==> flow/design.v <==
module alu_mux_n #(
    parameter WIDTH = 20
) (
    input  wire clk_i,
    input  wire aresetn,
    input  wire [WIDTH-1:0] ch_0,
    input  wire [WIDTH-1:0] ch_1,
    input  wire [WIDTH-1:0] ch_2,
    input  wire [WIDTH-1:0] ch_3,
    input  wire [WIDTH-1:0] ch_4,
    input  wire [WIDTH-1:0] ch_5,
    input  wire [WIDTH-1:0] ch_6,
    input  wire [WIDTH-1:0] ch_7,
    input  wire [WIDTH-1:0] ch_8,
    input  wire [WIDTH-1:0] ch_9,
    input  wire [3:0] addr,
    output wire [WIDTH-1:0] z_o
);
    reg [WIDTH-1:0] ch_0_ff;
    reg [WIDTH-1:0] ch_1_ff;
    reg [WIDTH-1:0] ch_2_ff;
    reg [WIDTH-1:0] ch_3_ff;
    reg [WIDTH-1:0] ch_4_ff;
    reg [WIDTH-1:0] ch_5_ff;
    reg [WIDTH-1:0] ch_6_ff;
    reg [WIDTH-1:0] ch_7_ff;
    reg [WIDTH-1:0] ch_8_ff;
    reg [WIDTH-1:0] ch_9_ff;
    reg [3:0] addr_ff;
    reg [WIDTH-1:0] t;
    always @* begin
        if (addr_ff == 0) t = ch_0_ff;
        else if (addr_ff == 1) t = ch_1_ff;
        else if (addr_ff == 2) t = ch_2_ff;
        else if (addr_ff == 3) t = ch_3_ff;
        else if (addr_ff == 4) t = ch_4_ff;
        else if (addr_ff == 5) t = ch_5_ff;
        else if (addr_ff == 6) t = ch_6_ff;
        else if (addr_ff == 7) t = ch_7_ff;
        else if (addr_ff == 8) t = ch_8_ff;
        else t = ch_9_ff;
    end
    reg [WIDTH-1:0] z_o_ff;
    assign z_o = z_o_ff;
    always @(posedge clk_i or negedge aresetn) begin
        if (!aresetn) begin
            ch_0_ff <= 0;
            ch_1_ff <= 0;
            ch_2_ff <= 0;
            ch_3_ff <= 0;
            ch_4_ff <= 0;
            ch_5_ff <= 0;
            ch_6_ff <= 0;
            ch_7_ff <= 0;
            ch_8_ff <= 0;
            ch_9_ff <= 0;
            addr_ff <= 0;
            z_o_ff <= 0;
        end else begin
            ch_0_ff <= ch_0;
            ch_1_ff <= ch_1;
            ch_2_ff <= ch_2;
            ch_3_ff <= ch_3;
            ch_4_ff <= ch_4;
            ch_5_ff <= ch_5;
            ch_6_ff <= ch_6;
            ch_7_ff <= ch_7;
            ch_8_ff <= ch_8;
            ch_9_ff <= ch_9;
            addr_ff <= addr;
            z_o_ff <= t;
        end
    end
endmodule
# From RTL to reports: alu_mux_n
# What the tools print for alu_mux_n, step after step.
# Lines are those of the file above, counted from 1.
# Not given: -
# setup
top	alu_mux_n
clock	clk_i
lib	sky130hd
lib_corner	tt_025C_1v80

# After elaboration
# Source: Yosys, flattened and elaborated, memories not mapped. Widths are those after wreduce; folded enables and synchronous resets count as part of the registers. Registers that Yosys merges into a memory's read port (data or address) are not register bits. Print and check cells do not count. Equal cells are merged and count once.
# bits
reg_bits	224
output_inout_bits	20
# op_classes
n_eq	8
mux	9
n_reduce_logical	1
# ops
op	count
2-to-1 mux 20 bit	9
== test 4 x 3 -> 1 bit (second input constant)	4
== test 4 x 2 -> 1 bit (second input constant)	2
== test 4 x 1 -> 1 bit (second input constant)	1
== test 4 bit (second input constant)	1
logical NOT 4 bit	1

# Logic depth
# Yosys ltp: most cells in a row. Word level: on the elaborated netlist, between registers, memories and ports. Mapped: between sequential cells and ports; inverters and the memories' decode and read muxes count.
# depth
depth_word	10
abc_area	0
mapped_depth	8

# After synthesis
# Yosys stat after the flow's synthesis: flattened, memories mapped to cells. It holds for the ABC_AREA given above (unset counts as 0); a run with the other value may have another netlist.
# Totals and module areas in this step are rounded.
# synth_totals
cell_count	564
synth_area_um2	7780
seq_area_um2	5610
ffs	224
# types
cell_type	count	type_area_um2
sky130_fd_sc_hd__dfrtp_1	224	5.61E+03
sky130_fd_sc_hd__mux2i_1	30	300.288
sky130_fd_sc_hd__a21oi_1	49	245.235
sky130_fd_sc_hd__a221oi_1	17	148.893
sky130_fd_sc_hd__nor2_1	37	138.883
sky130_fd_sc_hd__nand2b_1	18	112.608
sky130_fd_sc_hd__o22ai_1	17	106.352
sky130_fd_sc_hd__o21ai_0	21	105.101
sky130_fd_sc_hd__o32ai_1	11	96.342
sky130_fd_sc_hd__a22o_1	8	70.067
sky130_fd_sc_hd__buf_2	14	70.067
sky130_fd_sc_hd__nand2_1	18	67.565
sky130_fd_sc_hd__o31ai_1	9	67.565
sky130_fd_sc_hd__buf_6	4	45.043
sky130_fd_sc_hd__clkbuf_1	12	45.043
sky130_fd_sc_hd__mux2_2	4	45.043
sky130_fd_sc_hd__o221ai_1	5	43.792
sky130_fd_sc_hd__o2bb2ai_1	4	35.034
# Not listed: further types 33, cells in them 62.

# Timing after synthesis
# OpenSTA on the mapped netlist: ideal clock, no wires. The path of least setup slack (recovery checks aside). Input and output delay are each 20% of the period. Register names are those of the netlist, which keeps one name where synthesis merged equal registers.
# synth_timing
path_kind	register -> register
startpoint	register addr_ff[3]
endpoint	register z_o_ff[0]
tclk_ps	2050
setup_time_ps	121
launch_ps	0
t_arrival_ps	1521
setup_slack_ps	408
delay_ps	1642
stages	7
path_buffers	2
synth_period_reached_ps	1642
# "delay_ps" is the arrival time less input delay plus setup time.
# "stages" counts driving pins, that of a launching flip-flop among them; a cell with two outputs on the path counts twice.
# "synth_period_reached_ps" = period - worst setup slack (recovery checks aside). The figure is calculated, with input and output delays left at 20% of the set period.
# The rows between start and end are the longest chain of elaborated cells between them; the timing report does not say that the signal goes this way. Where chains are equally long, one stands for them.
# Each line given opens the expression or statement behind the cell; cells for indexed reads and writes are added by Yosys, which also makes memories of some case tables.
# synth_between
path_cell_list	sky130_fd_sc_hd__dfrtp_1 sky130_fd_sc_hd__buf_2 sky130_fd_sc_hd__or4_4 sky130_fd_sc_hd__buf_6 sky130_fd_sc_hd__o31ai_1 sky130_fd_sc_hd__o32ai_1 sky130_fd_sc_hd__a22o_1
elab_chain_cells	10
cells_between	18
lines_between	9
# synth_rtl
element	line	source
start, declared	29	reg [3:0] addr_ff;
start, assigned	57	addr_ff <= 0;
start, assigned	70	addr_ff <= addr;
== test 4 bit	40	else if (addr_ff == 8) t = ch_8_ff;
2-to-1 mux 20 bit	40
2-to-1 mux 20 bit	39	else if (addr_ff == 7) t = ch_7_ff;
2-to-1 mux 20 bit	38	else if (addr_ff == 6) t = ch_6_ff;
2-to-1 mux 20 bit	37	else if (addr_ff == 5) t = ch_5_ff;
2-to-1 mux 20 bit	36	else if (addr_ff == 4) t = ch_4_ff;
2-to-1 mux 20 bit	35	else if (addr_ff == 3) t = ch_3_ff;
2-to-1 mux 20 bit	34	else if (addr_ff == 2) t = ch_2_ff;
2-to-1 mux 20 bit	33	else if (addr_ff == 1) t = ch_1_ff;
2-to-1 mux 20 bit	32	if (addr_ff == 0) t = ch_0_ff;
end, assigned	58	z_o_ff <= 0;
end, assigned	71	z_o_ff <= t;
end, declared	43	reg [WIDTH-1:0] z_o_ff;

# Timing after layout
# From the final timing report of entry A: the path of least setup slack in the routed layout; clock arrival at registers is part of the times.
# The report prints the path's times to 10 ps; the period is as set.
# layout_timing
path_kind	register -> register
startpoint	register addr_ff[0]
endpoint	register z_o_ff[11]
tclk_ps	2050
setup_time_ps	110
launch_ps	520
t_arrival_ps	2430
setup_slack_ps	20
stages	6
path_buffers	0
# The rows between start and end are the longest chain of elaborated cells between them; the timing report does not say that the signal goes this way. Where chains are equally long, one stands for them.
# layout_between
path_cell_list	sky130_fd_sc_hd__dfrtp_4 sky130_fd_sc_hd__nor4b_4 sky130_fd_sc_hd__a21oi_4 sky130_fd_sc_hd__a221oi_1 sky130_fd_sc_hd__o32ai_1 sky130_fd_sc_hd__a22o_1
elab_chain_cells	10
cells_between	18
lines_between	9
# layout_rtl
element	line	source
start, declared	29	reg [3:0] addr_ff;
start, assigned	57	addr_ff <= 0;
start, assigned	70	addr_ff <= addr;
== test 4 bit	40	else if (addr_ff == 8) t = ch_8_ff;
2-to-1 mux 20 bit	40
2-to-1 mux 20 bit	39	else if (addr_ff == 7) t = ch_7_ff;
2-to-1 mux 20 bit	38	else if (addr_ff == 6) t = ch_6_ff;
2-to-1 mux 20 bit	37	else if (addr_ff == 5) t = ch_5_ff;
2-to-1 mux 20 bit	36	else if (addr_ff == 4) t = ch_4_ff;
2-to-1 mux 20 bit	35	else if (addr_ff == 3) t = ch_3_ff;
2-to-1 mux 20 bit	34	else if (addr_ff == 2) t = ch_2_ff;
2-to-1 mux 20 bit	33	else if (addr_ff == 1) t = ch_1_ff;
2-to-1 mux 20 bit	32	if (addr_ff == 0) t = ch_0_ff;
end, assigned	58	z_o_ff <= 0;
end, assigned	71	z_o_ff <= t;
end, declared	43	reg [WIDTH-1:0] z_o_ff;

# 3 stored runs of alu_mux_n in the flow (synthesis by Yosys, layout by OpenROAD, sky130hd cells), in arbitrary order. Constraints: input delay and output delay 20% of the set period each, output load 0.01 pF.
# "period_reached_ps": clock period set for the run, less the worst setup slack. It is reckoned from that one timing run; input and output delays stay at 20% of the period that was set.
# "timing.worst_path_ps": the worst setup path's part of the clock period (all of it between registers, 20% less for each end at a port) less its slack. A launch clock that arrives late makes it longer, a capture clock that arrives late makes it shorter.
# "total_power_uw" rests on the timing tool's default activity at the inputs, not on a simulated workload.
# "timing.worst_path_ps" is known to 10 ps.
# The measured numbers are rounded.
# Settings: - = not set for that run.
# A result given as - is not shown for that run.
run name	period_ns	CAP_MARGIN	CORE_MARGIN	CORE_UTILIZATION	SLEW_MARGIN	SETUP_SLACK_MARGIN	PLACE_DENSITY	HOLD_SLACK_MARGIN	CORE_ASPECT_RATIO	CELL_PAD_IN_SITES_DETAIL_PLACEMENT	TNS_END_PERCENT	CTS_CLUSTER_SIZE	CTS_CLUSTER_DIAMETER	MIN_ROUTING_LAYER	PLACE_DENSITY_LB_ADDON	GPL_TIMING_DRIVEN	MAX_ROUTING_LAYER	design.die.area_um2	ws_hold_ps	period_reached_ps	timing.setup.ws_ps	finish.stdcell_area_um2	yosys_chip_area_um2	fin_util_pct	total_power_uw	timing.worst_path_ps	worst_path_kind
entry A	2.05	20	2	40	20	-	-	-	-	-	-	-	-	-	-	-	-	20600	316	2032	18	11300	7780	58.7	10400	2030	register -> register
entry B	2.43	20	4	19	10	-0.1	0.69	0.28	0.97	1	80	31	136	met1	-	-	-	44300	426	2175	255	11100	7780	27.6	7090	2180	register -> register
entry C	2.83	20	2	61	20	0.33	-	-	-	1	50	-	-	met2	0.26	0	met5	-	-	-	-	-	-	-	-	-	-
# Entry C: no results, placement failed with DPL-0033
